==> flow/design.v <==
module cmp_unit_mod #(
  parameter W = 10
) (
  input  wire core_clk,
  input  wire [W-1:0] u,
  input  wire [W-1:0] v,
  output wire gt,
  output wire lt
);
  reg [W-1:0] u_r;
  reg [W-1:0] v_r;
  reg g;
  reg l;
  integer t;
  always @* begin
    g = 1'b0;
    l = 1'b0;
    for (t = W-1; t >= 0; t = t - 1) begin
      if (!g && !l) begin
        g = u_r[t] & ~v_r[t];
        l = ~u_r[t] & v_r[t];
      end
    end
  end
  reg gt_r;
  assign gt = gt_r;
  reg lt_r;
  assign lt = lt_r;
  always @(posedge core_clk) begin
    u_r <= u;
    v_r <= v;
    gt_r <= g;
    lt_r <= l;
  end
endmodule
Subject: tool reports on cmp_unit_mod

Hi,

* From RTL to reports: cmp_unit_mod
Module cmp_unit_mod in several versions that differ in "W"; each step lists the members.
The RTL above is that of W = 10; lines are counted from 1 in the file of the member named.
Operators carry their Yosys type and port widths (W data, S select, Z words).
Library cell names are shortened.
Not given: n/a
- Design top :: cmp_unit_mod
- Clock :: core_clk
- Standard-cell library :: sky130hd
- Library corner :: tt_025C_1v80

* Members of the sweep
New or changed lines of each further member against the RTL above, in its own file; lines it lacks are not shown.
** New or changed lines
- W 48 :: line 2 : parameter W = 48
- W 96 :: line 2 : parameter W = 96

* Word level
Source: Yosys, flattened and elaborated, memories not mapped. Widths are those after wreduce; folded enables and synchronous resets count as part of the registers. Registers that Yosys merges into a memory's read port (data or address) are not register bits. Print and check cells do not count. Equal cells are merged and count once.
** Bit counts
- W 10 :: register bits after elaboration 22, output and inout port bits 2, cells after elaboration 89
- W 48 :: register bits after elaboration 98, output and inout port bits 2, cells after elaboration 431
- W 96 :: register bits after elaboration 194, output and inout port bits 2, cells after elaboration 863
** Operators by class
- W 10 :: multiplexer cells 18, bitwise operators 40, reductions and logical operators 27
- W 48 :: multiplexer cells 94, bitwise operators 192, reductions and logical operators 141
- W 96 :: multiplexer cells 190, bitwise operators 384, reductions and logical operators 285
** Operators with widths (kinds with counts)
- W 10 :: $and A1 B1 Y1 (20); $not A1 Y1 (20); $logic_not A1 Y1 (18); $mux W1 (18); $logic_and A1 B1 Y1 (9)
- W 48 :: $and A1 B1 Y1 (96); $not A1 Y1 (96); $logic_not A1 Y1 (94); $mux W1 (94); $logic_and A1 B1 Y1 (47)
- W 96 :: $and A1 B1 Y1 (192); $not A1 Y1 (192); $logic_not A1 Y1 (190); $mux W1 (190); $logic_and A1 B1 Y1 (95)

* Longest topological paths
Yosys ltp: most cells in a row. Word level: on the elaborated netlist, between registers, memories and ports. Mapped: between sequential cells and ports; inverters and the memories' decode and read muxes count.
** Depth
- W 10 :: depth in word-level cells 29, ABC_AREA 0, mapped depth 6, gate-level depth less buffers 6
- W 48 :: depth in word-level cells 143, ABC_AREA 0, mapped depth 9, gate-level depth less buffers 9
- W 96 :: depth in word-level cells 287, ABC_AREA 0, mapped depth 10, gate-level depth less buffers 10

* Mapped cells and area
The flow's flattened synthesis, as Yosys stat reports it; memories are mapped. The netlist is that of the ABC_AREA named above (0 if unset); the other value can give another one.
Totals and module areas in this step are rounded.
** Synthesis totals
- W 10 :: standard cells after synthesis 59, synthesis area 712 µm², flip-flops 22
- W 48 :: standard cells after synthesis 291, synthesis area 3260 µm², flip-flops 98
- W 96 :: standard cells after synthesis 555, synthesis area 6430 µm², flip-flops 194
** Cell types (type and count)
- W 10 :: dfxtp_1 (22); maj3_2 (6); ha_1 (2); nor2b_1 (4); inv_1 (6); maj3_1 (2); nand2b_1 (3); a21oi_1 (3); o21ai_1 (3); or2b_4 (1); mux2i_1 (1); o21ai_0 (2); clkinv_4 (1); a21o_1 (1); and2b_1 (1); nand3b_1 (1)
- W 48 :: dfxtp_1 (98); maj3_1 (36); nor2b_1 (21); inv_1 (32); nand2b_1 (18); a21oi_1 (14); maj3_2 (6); o21ai_0 (12); a21o_1 (4); o21bai_1 (4); nand2_1 (7); ha_1 (2); o211ai_1 (3); a21bo_2 (2); nor2_1 (5); a21boi_0 (2); a221oi_2 (1); nand3_1 (3); (+21)
- W 96 :: dfxtp_1 (194); maj3_1 (74); maj3_2 (29); nor2b_1 (46); inv_1 (62); nand2b_1 (36); a21oi_1 (22); o21ai_0 (17); a21o_1 (6); o21ai_1 (7); o221ai_1 (4); nand2_1 (7); and2_1 (4); ha_1 (2); a211oi_1 (3); o21bai_1 (3); a21bo_2 (2); a2bb2o_4 (1); (+36)
A list marked (+n) leaves out that many cells.

* Path before layout
Source: OpenSTA report_checks on the synthesized netlist (no wires, ideal clock, input and output delay 20% of the period each), path of least setup slack; recovery checks are left aside. Register names are those of the netlist, which keeps one name where synthesis merged equal registers.
** Timing post-synthesis
- W 10 :: path type flip-flop to flip-flop, start point register v_r[0], end point register gt_r, period 1.55 ns, setup slack 0.309 ns, driving pins on the path 6, delay of the path 1.241 ns, synthesis period reached 1.241 ns
- W 48 :: path type flip-flop to flip-flop, start point register v_r[22], end point register lt_r, period 2.64 ns, setup slack 0.532 ns, driving pins on the path 9, delay of the path 2.108 ns, synthesis period reached 2.108 ns
- W 96 :: path type flip-flop to flip-flop, start point register u_r[62], end point register gt_r, period 2.81 ns, setup slack 0.559 ns, driving pins on the path 10, delay of the path 2.252 ns, synthesis period reached 2.251 ns
"delay of the path" is the arrival time less input delay plus setup time.
"driving pins on the path": output pins that drive a net of the path, with the launching flip-flop's if there is one; two outputs of one cell count as two.
"synthesis period reached" = period - worst setup slack (recovery checks aside). The figure is calculated, with input and output delays left at 20% of the set period.
Between the ends stands the longest chain of elaborated cells between them, by number of cells; it is not shown to be the way that was timed. Of several equally long chains one is given.
Each line given opens the expression or statement behind the cell; cells for indexed reads and writes are added by Yosys, which also makes memories of some case tables.
On the way, post-synthesis, W = 10:
- Cells in the longest elaborated chain :: 3
** RTL lines, path post-synthesis, W = 10
- start, declared :: line 11 : reg [W-1:0] v_r;
- start, assigned :: line 31 : v_r <= v;
- $not A1 Y1 :: line 20 : g = u_r[t] & ~v_r[t];
- $and A1 B1 Y1 :: line 20
- $mux W1 :: line 19 : if (!g && !l) begin
- end, assigned :: line 32 : gt_r <= g;
- end, declared :: line 25 : reg gt_r;
On the way, post-synthesis, W = 96:
- Cells in the longest elaborated chain :: 189
** RTL lines, path post-synthesis, W = 96
- start, declared :: line 10 : reg [W-1:0] u_r;
- start, assigned :: line 30 : u_r <= u;
- $not A1 Y1 :: line 21 : l = ~u_r[t] & v_r[t];
- $and A1 B1 Y1 :: line 21
- $mux W1 :: line 19 : if (!g && !l) begin
- $logic_not A1 Y1 :: line 19
- $logic_and A1 B1 Y1 :: line 19
- $mux W1 :: line 19
- $logic_not A1 Y1 :: line 19
- [175 not listed]
- $mux W1 :: line 19
- $logic_not A1 Y1 :: line 19
- $logic_and A1 B1 Y1 :: line 19
- $mux W1 :: line 19
- $logic_not A1 Y1 :: line 19
- $logic_and A1 B1 Y1 :: line 19
- $mux W1 :: line 19
- end, assigned :: line 32 : gt_r <= g;
- end, declared :: line 25 : reg gt_r;

* Timing after layout
Path of least setup slack in the final report of each member's run (OpenROAD, finished layout, wires in). Where an end is a register, its clock arrival counts in the times.
** Timing after layout
- W 10 :: path type flip-flop to output port, start point register gt_r, end point output gt, period 1.55 ns, setup slack 0.10 ns, driving pins on the path 2, data arrival time 1.14 ns, path buffers 1
- W 48 :: path type flip-flop to flip-flop, start point register v_r[22], end point register lt_r, period 2.64 ns, setup slack 0.42 ns, driving pins on the path 9, data arrival time 2.48 ns, path buffers 0
- W 96 :: path type flip-flop to flip-flop, start point register v_r[30], end point register gt_r, period 2.81 ns, setup slack 0.22 ns, driving pins on the path 10, data arrival time 2.97 ns, path buffers 0

* Measured runs
Settings and results of one run of the flow (Yosys, OpenROAD) for each member follow. The constraints put input and output delay at 20% of the set period each and load the outputs with 0.01 pF.
- CAP_MARGIN :: 20
- CORE_MARGIN :: 2
- CORE_UTILIZATION :: 40
- SLEW_MARGIN :: 20
** Settings by member (period_ns)
- W 10 :: 1.55
- W 48 :: 2.64
- W 96 :: 2.81
** Final reports
- W 10 :: synthesized cell area 712 µm², total die area 2130 µm², utilization of the finished layout 0.577, worst slack on setup checks 0.103 ns, worst-case hold slack 0.449 ns, total design power 0.000986 W
- W 48 :: synthesized cell area 3260 µm², total die area 8880 µm², utilization of the finished layout 0.584, worst slack on setup checks 0.424 ns, worst-case hold slack 0.599 ns, total design power 0.00289 W
- W 96 :: synthesized cell area 6430 µm², total die area 17100 µm², utilization of the finished layout 0.584, worst slack on setup checks 0.216 ns, worst-case hold slack 0.568 ns, total design power 0.00592 W
"total design power" is the tool's figure for a default switching activity; nothing was simulated.
The measured numbers are rounded.

Regards
